==> flow/design.v <==
module dp_sub_unit_mod #(
  parameter integer W = 32
) (
  input wire clk,
  input wire clr,
  input wire [W-1:0] u_i,
  input wire [W-1:0] v_i,
  output reg [W:0] res_o,
  output reg [W:0] diff_o
);
  always @(posedge clk) begin
    if (clr) begin
      res_o <= 0;
      diff_o <= 0;
    end else begin
      res_o <= u_i + v_i;
      diff_o <= u_i - v_i;
    end
  end
endmodule
# [Tool chain data of dp_sub_unit_mod]
# What the tools print for dp_sub_unit_mod, step after step.
# Lines are those of the file above, counted from 1.
# Cell names lack the library's common part.
# The mark - stands for no value.
[setup] top="dp_sub_unit_mod" clock="clk" library="sky130hd" corner="tt_025C_1v80"

# [Elaborated design]
# Yosys after proc, flatten, opt, wreduce and memory -nomap, before mapping. Enables and synchronous resets that opt folds into registers are not counted as muxes. Memory bits, and registers merged into a memory's read port (data or address), are not among the register bits. Print and check cells are not counted. Equal cells are merged and count once.
[bits] wordCells=4 reg_bits=66
[classes] add_sub_neg=2
[op_table] op="32-bit by 32-bit adder with 33-bit output" n=1
[op_table] op="32-bit by 32-bit subtractor with 33-bit output" n=1

# [Longest topological paths]
# Depth = most cells in a row (Yosys ltp): at word level without a register or memory, in the mapped netlist without a sequential cell, where the memories' decode and read muxes count.
[depth] depth_word=1 ABC_AREA=0 depth_mapped=11

# [Synthesis result]
# The flow's flattened synthesis, as Yosys stat reports it; memories are mapped. The netlist is that of the ABC_AREA named above (0 if unset); the other value can give another one.
[by_type] cell_type="dfxtp_1" n=65 type_area_um2=1.3E+03
[by_type] cell_type="ha_1" n=64 type_area_um2=800.768
[by_type] cell_type="nor2_1" n=100 type_area_um2=375.36
[by_type] cell_type="xnor2_1" n=36 type_area_um2=315.302
[by_type] cell_type="a21oi_1" n=59 type_area_um2=295.283
[by_type] cell_type="inv_1" n=65 type_area_um2=243.984
[by_type] cell_type="o21ai_0" n=35 type_area_um2=175.168
[by_type] cell_type="nor2b_1" n=17 type_area_um2=106.352
[by_type] cell_type="nand2_1" n=28 type_area_um2=105.101
[by_type] cell_type="a21o_1" n=13 type_area_um2=97.594
[by_type] cell_type="mux2_2" n=8 type_area_um2=90.086
[by_type] cell_type="nor3_1" n=18 type_area_um2=90.086
[by_type] cell_type="nand3_1" n=17 type_area_um2=85.082
[by_type] cell_type="clkbuf_1" n=21 type_area_um2=78.826
[by_type] cell_type="o21a_1" n=9 type_area_um2=67.565
[by_type] cell_type="a31oi_1" n=10 type_area_um2=62.56
[by_type] cell_type="nand2b_1" n=10 type_area_um2=62.56
[by_type] cell_type="o21bai_1" n=7 type_area_um2=52.55
# Other cell types: 47; their cells: 107.
[mapped] sequential_area_um2=1301.2 cells=689 synth_area_um2=5303.8 ffs=65 n_buf=34

# [Path before layout]
# Path of least setup slack by OpenSTA after synthesis, without wires, with an ideal clock, recovery checks aside; 20% of the period is set as input and as output delay. Where synthesis merged equal registers, the netlist keeps one of their names.
[synth_timing] kind="input-to-reg" startpoint="input port v_i[3]" endpoint="register diff_o[29]" slack_ps=568 t_required_ps=3417 delay_ps=2263 path_stages=11 path_buffers=1 in_delay_ps=708 arrival_ps=2848 tclk_ps=3540 synth_period_reached_ps=2972
# "delay_ps" is the arrival time less input delay plus setup time.
# "path_stages": output pins that drive a net of the path, with the launching flip-flop's if there is one; two outputs of one cell count as two.
# "synth_period_reached_ps" = period - worst setup slack (recovery checks aside). The figure is calculated, with input and output delays left at 20% of the set period.
# The rows between start and end are the longest chain of elaborated cells between them; the timing report does not say that the signal goes this way. Where chains are equally long, one stands for them.
# A line is the first line of the expression or statement that the cell stems from. Yosys adds cells for indexed reads and writes and turns some case tables into memories.
[synth_via] cell_sequence="inv_1 ha_1 buf_6 a21o_1 a21oi_1 o21ai_1 a21o_1 a2111oi_4 nor4_1 a2111oi_2 mux2_1" elab_chain_len=1 cone_cells=1 lines_between=1
[synth_rtl] item="start: declaration" line=7 rtl="input wire [W-1:0] v_i,"
[synth_rtl] item="32-bit by 32-bit subtractor with 33-bit output" line=17 rtl="diff_o <= u_i - v_i;"
[synth_rtl] item="end: assignment" line=14 rtl="diff_o <= 0;"
[synth_rtl] item="end: assignment" line=17
[synth_rtl] item="end: declaration" line=9 rtl="output reg [W:0] diff_o"

# [Worst path after layout]
# From the final timing report of flow run 1: the path of least setup slack in the routed layout; clock arrival at registers is part of the times.
# The report prints the path's times to 10 ps; the period is as set.
[layout_timing] kind="input-to-reg" startpoint="input port u_i[0]" endpoint="register diff_o[32]" tclk_ps=3540 t_required_ps=3710 slack_ps=210 path_stages=12 path_buffers=1 arrival_ps=3490 in_delay_ps=710
# The rows between start and end are the longest chain of elaborated cells between them; the timing report does not say that the signal goes this way. Where chains are equally long, one stands for them.
[layout_via] cell_sequence="clkdlybuf4s50_1 inv_1 ha_1 fa_1 nor2b_1 o31a_1 o2111ai_1 a211o_1 nand2_1 a31oi_1 nor4b_1 a2111oi_0" elab_chain_len=1 cone_cells=1 lines_between=1
[layout_rtl] item="start: declaration" line=6 rtl="input wire [W-1:0] u_i,"
[layout_rtl] item="32-bit by 32-bit subtractor with 33-bit output" line=17 rtl="diff_o <= u_i - v_i;"
[layout_rtl] item="end: assignment" line=14 rtl="diff_o <= 0;"
[layout_rtl] item="end: assignment" line=17
[layout_rtl] item="end: declaration" line=9 rtl="output reg [W:0] diff_o"

Add stored flow runs of dp_sub_unit_mod

dp_sub_unit_mod through Yosys and OpenROAD on sky130hd: 3 stored runs, unordered, with their settings and measured results. The constraints put input and output delay at 20% of the set period each and load the outputs with 0.01 pF.
"achieved clock period" means the clock period less the worst setup slack. The figure is calculated, with input and output delays left at 20% of the set period.
"worst setup path time" means the part of the period allowed to the worst setup path (the constraints hold back 20% at inputs and 20% at outputs) less its slack; where the path has registers, the arrival times of their clocks count too.
"power" rests on the timing tool's default activity at the inputs, not on a simulated workload.
"worst setup path time" is given in steps of 10 ps.
[flow run 1] settings: period_ns=3.54, CAP_MARGIN=20, CORE_MARGIN=2, CORE_UTILIZATION=40, SLEW_MARGIN=20
[flow run 1] result: chip area after synthesis (Yosys) 5303.8 µm², die area 14196.7 µm², standard-cell area of the final layout 7676.1 µm², utilization 0.587, worst setup slack after layout 214 ps, total negative slack 0 ps, worst hold slack 973 ps, power 2952 uW, achieved clock period 3326 ps, worst setup path time 2620 ps, worst setup path kind input-to-reg
[flow run 2] settings: period_ns=2.08, CORE_UTILIZATION=62, SETUP_SLACK_MARGIN=0.25, PLACE_DENSITY_LB_ADDON=0.2, CELL_PAD_IN_SITES_DETAIL_PLACEMENT=0, GPL_TIMING_DRIVEN=0, CAP_MARGIN=5, MAX_ROUTING_LAYER=met5, CORE_MARGIN=2, SLEW_MARGIN=20
[flow run 2] result: did not finish, clock tree synthesis stopped with DPL-0038
[flow run 3] settings: period_ns=2.78, CORE_UTILIZATION=22, SETUP_SLACK_MARGIN=-0.22, PLACE_DENSITY_LB_ADDON=0.25, CELL_PAD_IN_SITES_GLOBAL_PLACEMENT=0, TNS_END_PERCENT=55, GPL_ROUTABILITY_DRIVEN=1, CTS_CLUSTER_SIZE=73, SLEW_MARGIN=10, CAP_MARGIN=20, CORE_MARGIN=2
[flow run 3] result: chip area after synthesis (Yosys) 5303.8 µm², die area 25366.9 µm², standard-cell area of the final layout 9046.2 µm², utilization 0.384, worst setup slack after layout -136 ps, total negative slack -1868 ps, worst hold slack 675 ps, power 4208 uW, achieved clock period 2916 ps, worst setup path time 2360 ps, worst setup path kind input-to-reg
